==> flow/design.v <==
module sync_add_core_mod #(
    parameter DW = 28
) (
    input  logic clk_i,
    input  logic srst,
    input  logic [DW-1:0] rs1_i,
    input  logic [DW-1:0] rs2_i,
    input  logic [DW-1:0] rs3_i,
    output logic [DW+1:0] q_o
);
    logic [DW-1:0] rs1_q;
    always_ff @(posedge clk_i or posedge srst) begin
        if (srst) begin
            rs1_q <= '0;
        end else begin
            rs1_q <= rs1_i;
        end
    end
    logic [DW-1:0] rs2_q;
    always_ff @(posedge clk_i or posedge srst) begin
        if (srst) begin
            rs2_q <= '0;
        end else begin
            rs2_q <= rs2_i;
        end
    end
    logic [DW-1:0] rs3_q;
    always_ff @(posedge clk_i or posedge srst) begin
        if (srst) begin
            rs3_q <= '0;
        end else begin
            rs3_q <= rs3_i;
        end
    end
    logic [DW-1:0] work;
    assign work = rs1_q ^ rs2_q ^ rs3_q;
    logic [DW-1:0] c;
    assign c = (rs1_q & rs2_q) | (rs1_q & rs3_q) | (rs2_q & rs3_q);
    always_ff @(posedge clk_i or posedge srst) begin
        if (srst) begin
            q_o <= '0;
        end else begin
            q_o <= work + {c, 1'b0};
        end
    end
endmodule
# From RTL to reports: sync_add_core_mod
# Module sync_add_core_mod in several versions that differ in "DW"; each step lists the members.
# The file above is the member DW 28. Line numbers count from 1 in each member's own file.
# Operators: Yosys type, input widths -> output width; for muxes data width and select width s.
# Library cell names are shortened.
# The mark -- stands for no value.
# setup
top_module	sync_add_core_mod
clk_port	clk_i
cell_library	sky130hd
corner	tt_025C_1v80

# Source of the members
# Lines of each other member's file that are new or changed against the file above; lines that a member lacks are not shown.
# src_changes
DW	line	text
36	2	parameter DW = 36
48	2	parameter DW = 48
72	2	parameter DW = 72
80	2	parameter DW = 80

# Elaborated design
# Yosys after proc, flatten, opt, wreduce and memory -nomap, before mapping. Enables and synchronous resets that opt folds into registers are not counted as muxes. Memory bits, and registers merged into a memory's read port (data or address), are not among the register bits. Print and check cells are not counted. Equal cells are merged and count once.
# bits
DW	reg_bits	input_bits	out_inout_bits	word_cells
28	114	86	30	12
36	146	110	38	12
48	194	146	50	12
72	290	218	74	12
80	322	242	82	12
# op_classes
DW	add_sub_neg	logic
28	1	7
36	1	7
48	1	7
72	1	7
80	1	7
# op_table
DW	op_list
28	3 x $and 28x28->28; 2 x $or 28x28->28; 2 x $xor 28x28->28; 1 x $add 28x29->30
36	3 x $and 36x36->36; 2 x $or 36x36->36; 2 x $xor 36x36->36; 1 x $add 36x37->38
48	3 x $and 48x48->48; 2 x $or 48x48->48; 2 x $xor 48x48->48; 1 x $add 48x49->50
72	3 x $and 72x72->72; 2 x $or 72x72->72; 2 x $xor 72x72->72; 1 x $add 72x73->74
80	3 x $and 80x80->80; 2 x $or 80x80->80; 2 x $xor 80x80->80; 1 x $add 80x81->82

# Longest topological paths
# Yosys ltp: most cells in a row. Word level: on the elaborated netlist, between registers, memories and ports. Mapped: between sequential cells and ports; inverters and the memories' decode and read muxes count.
# logic_depth
DW	word_depth	ABC_AREA	ltp_mapped	ltp_nobuf
28	4	0	11	11
36	4	0	14	14
48	4	0	13	13
72	4	0	15	15
80	4	0	15	15

# Netlist
# The flow's flattened synthesis, as Yosys stat reports it; memories are mapped. The netlist is that of the ABC_AREA named above (0 if unset); the other value can give another one.
# The area totals of this step are shown rounded.
# types
DW	cell_types
28	114 x dfrtp_1; 29 x fa_1; 27 x ha_1; 16 x xnor2_1; 25 x a21oi_1; 21 x nand2_1; 9 x xor2_1; 14 x o21ai_0; 8 x a21o_1; 14 x inv_1; 7 x and3_1; 5 x a211oi_1; 9 x nor2_1; 8 x clkbuf_1; 4 x o21a_1; 4 x nand4_1; 5 x nor3_1; 3 x o31ai_1; [+46]
36	146 x dfrtp_1; 37 x fa_1; 35 x ha_1; 35 x a21oi_1; 20 x xnor2_1; 17 x a21o_1; 14 x xor2_1; 24 x nand2_1; 14 x o21ai_0; 14 x nor2_1; 8 x nand4_1; 12 x inv_1; 6 x o21bai_1; 6 x and3_1; 9 x clkbuf_1; 6 x nand3_1; 4 x a31oi_1; 3 x a211oi_1; [+32]
48	194 x dfrtp_1; 49 x fa_1; 47 x ha_1; 34 x a21o_1; 48 x a21oi_1; 25 x xnor2_1; 37 x nand2_1; 15 x xor2_1; 23 x o21ai_0; 28 x inv_1; 16 x nand4_1; 24 x nor2_1; 17 x clkbuf_1; 7 x o21a_1; 8 x and3_1; 9 x nand3_1; 9 x nor3_1; 6 x o21bai_1; [+85]
72	290 x dfrtp_1; 73 x fa_1; 71 x ha_1; 82 x a21oi_1; 40 x xnor2_1; 40 x a21o_1; 25 x xor2_1; 54 x nand2_1; 40 x o21ai_0; 37 x nor2_1; 17 x o21bai_1; 32 x inv_1; 24 x nand3_1; 19 x nand4_1; 22 x clkbuf_1; 13 x and3_1; 13 x nor3_1; 9 x nor2b_1; [+100]
80	322 x dfrtp_1; 81 x fa_1; 79 x ha_1; 99 x a21oi_1; 47 x a21o_1; 40 x xnor2_1; 72 x nand2_1; 30 x xor2_1; 46 x o21ai_0; 50 x nor2_1; 26 x nand4_1; 42 x inv_1; 19 x o21bai_1; 28 x clkbuf_1; 13 x o21a_1; 19 x nand3_1; 11 x a31oi_1; 13 x nor3_1; [+113]
# The mark [+n] counts cells that are not listed.
# synth_totals
DW	mapped_cells	yosys_area_um2	seqArea_um2	ffs	buf_cells
28	368	5000	2900	114	10
36	442	6200	3700	146	9
48	681	8800	4900	194	24
72	1001	13000	7300	290	27
80	1150	15000	8100	322	31

# Worst setup path after synthesis
# Path of least setup slack by OpenSTA after synthesis, without wires, with an ideal clock, recovery checks aside; 20% of the period is set as input and as output delay. Where synthesis merged equal registers, the netlist keeps one of their names.
# synth_timing
DW	kind	start	end	clock_period_ns	path_slack_ns	path_stages	path_delay_ns	period_less_setup_slack_ns
28	flip-flop to flip-flop	register rs1_q[1]	register q_o[29]	3.45	0.686	10	2.764	2.764
36	flip-flop to flip-flop	register rs1_q[5]	register q_o[34]	4.04	0.806	12	3.235	3.234
48	flip-flop to flip-flop	register rs1_q[1]	register q_o[41]	4.0	0.798	12	3.202	3.202
72	flip-flop to flip-flop	register rs1_q[1]	register q_o[73]	4.46	0.890	14	3.571	3.57
80	flip-flop to flip-flop	register rs1_q[1]	register q_o[71]	4.55	0.910	14	3.640	3.64
# "path_delay_ns" = arrival - input delay + setup time.
# "path_stages" counts driving pins, that of a launching flip-flop among them; a cell with two outputs on the path counts twice.
# "period_less_setup_slack_ns" is the clock period less the worst setup slack; recovery checks do not enter. This is arithmetic on one report: input and output delays are still those of the set period (20% each).
# The rows between start and end are the longest chain of elaborated cells between them; the timing report does not say that the signal goes this way. Where chains are equally long, one stands for them.
# Each line given opens the expression or statement behind the cell; cells for indexed reads and writes are added by Yosys, which also makes memories of some case tables.
# synth_via_DW_28
elab_chain_cells	4
# synth_lines_DW_28
element	line	text
start: declaration	11	logic [DW-1:0] rs1_q;
start: assignment	14	rs1_q <= '0;
start: assignment	16	rs1_q <= rs1_i;
$and 28x28->28	38	assign c = (rs1_q & rs2_q) | (rs1_q & rs3_q) | (rs2_q & rs3_q);
$or 28x28->28 x2	38
$add 28x29->30	43	q_o <= work + {c, 1'b0};
end: assignment	41	q_o <= '0;
end: assignment	43
end: declaration	9	output logic [DW+1:0] q_o
# synth_via_DW_80
elab_chain_cells	4
# synth_lines_DW_80
element	line	text
start: declaration	11	logic [DW-1:0] rs1_q;
start: assignment	14	rs1_q <= '0;
start: assignment	16	rs1_q <= rs1_i;
$and 80x80->80	38	assign c = (rs1_q & rs2_q) | (rs1_q & rs3_q) | (rs2_q & rs3_q);
$or 80x80->80 x2	38
$add 80x81->82	43	q_o <= work + {c, 1'b0};
end: assignment	41	q_o <= '0;
end: assignment	43
end: declaration	9	output logic [DW+1:0] q_o

# Path in the finished layout
# From the final timing report of each member's run: the path of least setup slack in the routed layout; clock arrival at registers is part of the times.
# layout_timing
DW	kind	start	end	clock_period_ns	path_slack_ns	path_stages	t_arrival_ns	path_buffers
28	flip-flop to flip-flop	register rs1_q[1]	register q_o[29]	3.45	0.33	10	3.40	0
36	flip-flop to flip-flop	register rs1_q[1]	register q_o[31]	4.04	0.47	13	3.91	0
48	flip-flop to flip-flop	register rs1_q[1]	register q_o[41]	4.0	0.48	12	3.83	0
72	flip-flop to flip-flop	register rs1_q[1]	register q_o[39]	4.46	0.47	14	4.46	0
80	flip-flop to flip-flop	register rs1_q[1]	register q_o[73]	4.55	0.43	15	4.54	1

# Flow runs
# One run of the flow (Yosys, OpenROAD) for each member, with settings and measured results. Input and output delays are each 20% of the period that was set; the output load is 0.01 pF.
# flow_settings
CAP_MARGIN	20
CORE_MARGIN	2
CORE_UTILIZATION	40
SLEW_MARGIN	20
# settings_by_member
DW	period_ns
28	3.45
36	4.04
48	4.0
72	4.46
80	4.55
# results
DW	synthArea_um2	dieArea_um2	finish.utilization_pct	ws_setup_ns	total_negative_slack_ns	ws_hold_ns	design_power_uw
28	5000	13000	58	0.33	0.000	0.65	4800
36	6200	16000	56	0.47	0.000	0.63	4800
48	8800	23000	54	0.48	0.000	0.64	6300
72	13000	34000	54	0.47	0.000	0.63	8600
80	15000	38000	55	0.43	0.000	0.65	9600
# "design_power_uw" is the tool's figure for a default switching activity; nothing was simulated.
# Results are given in rounded form.
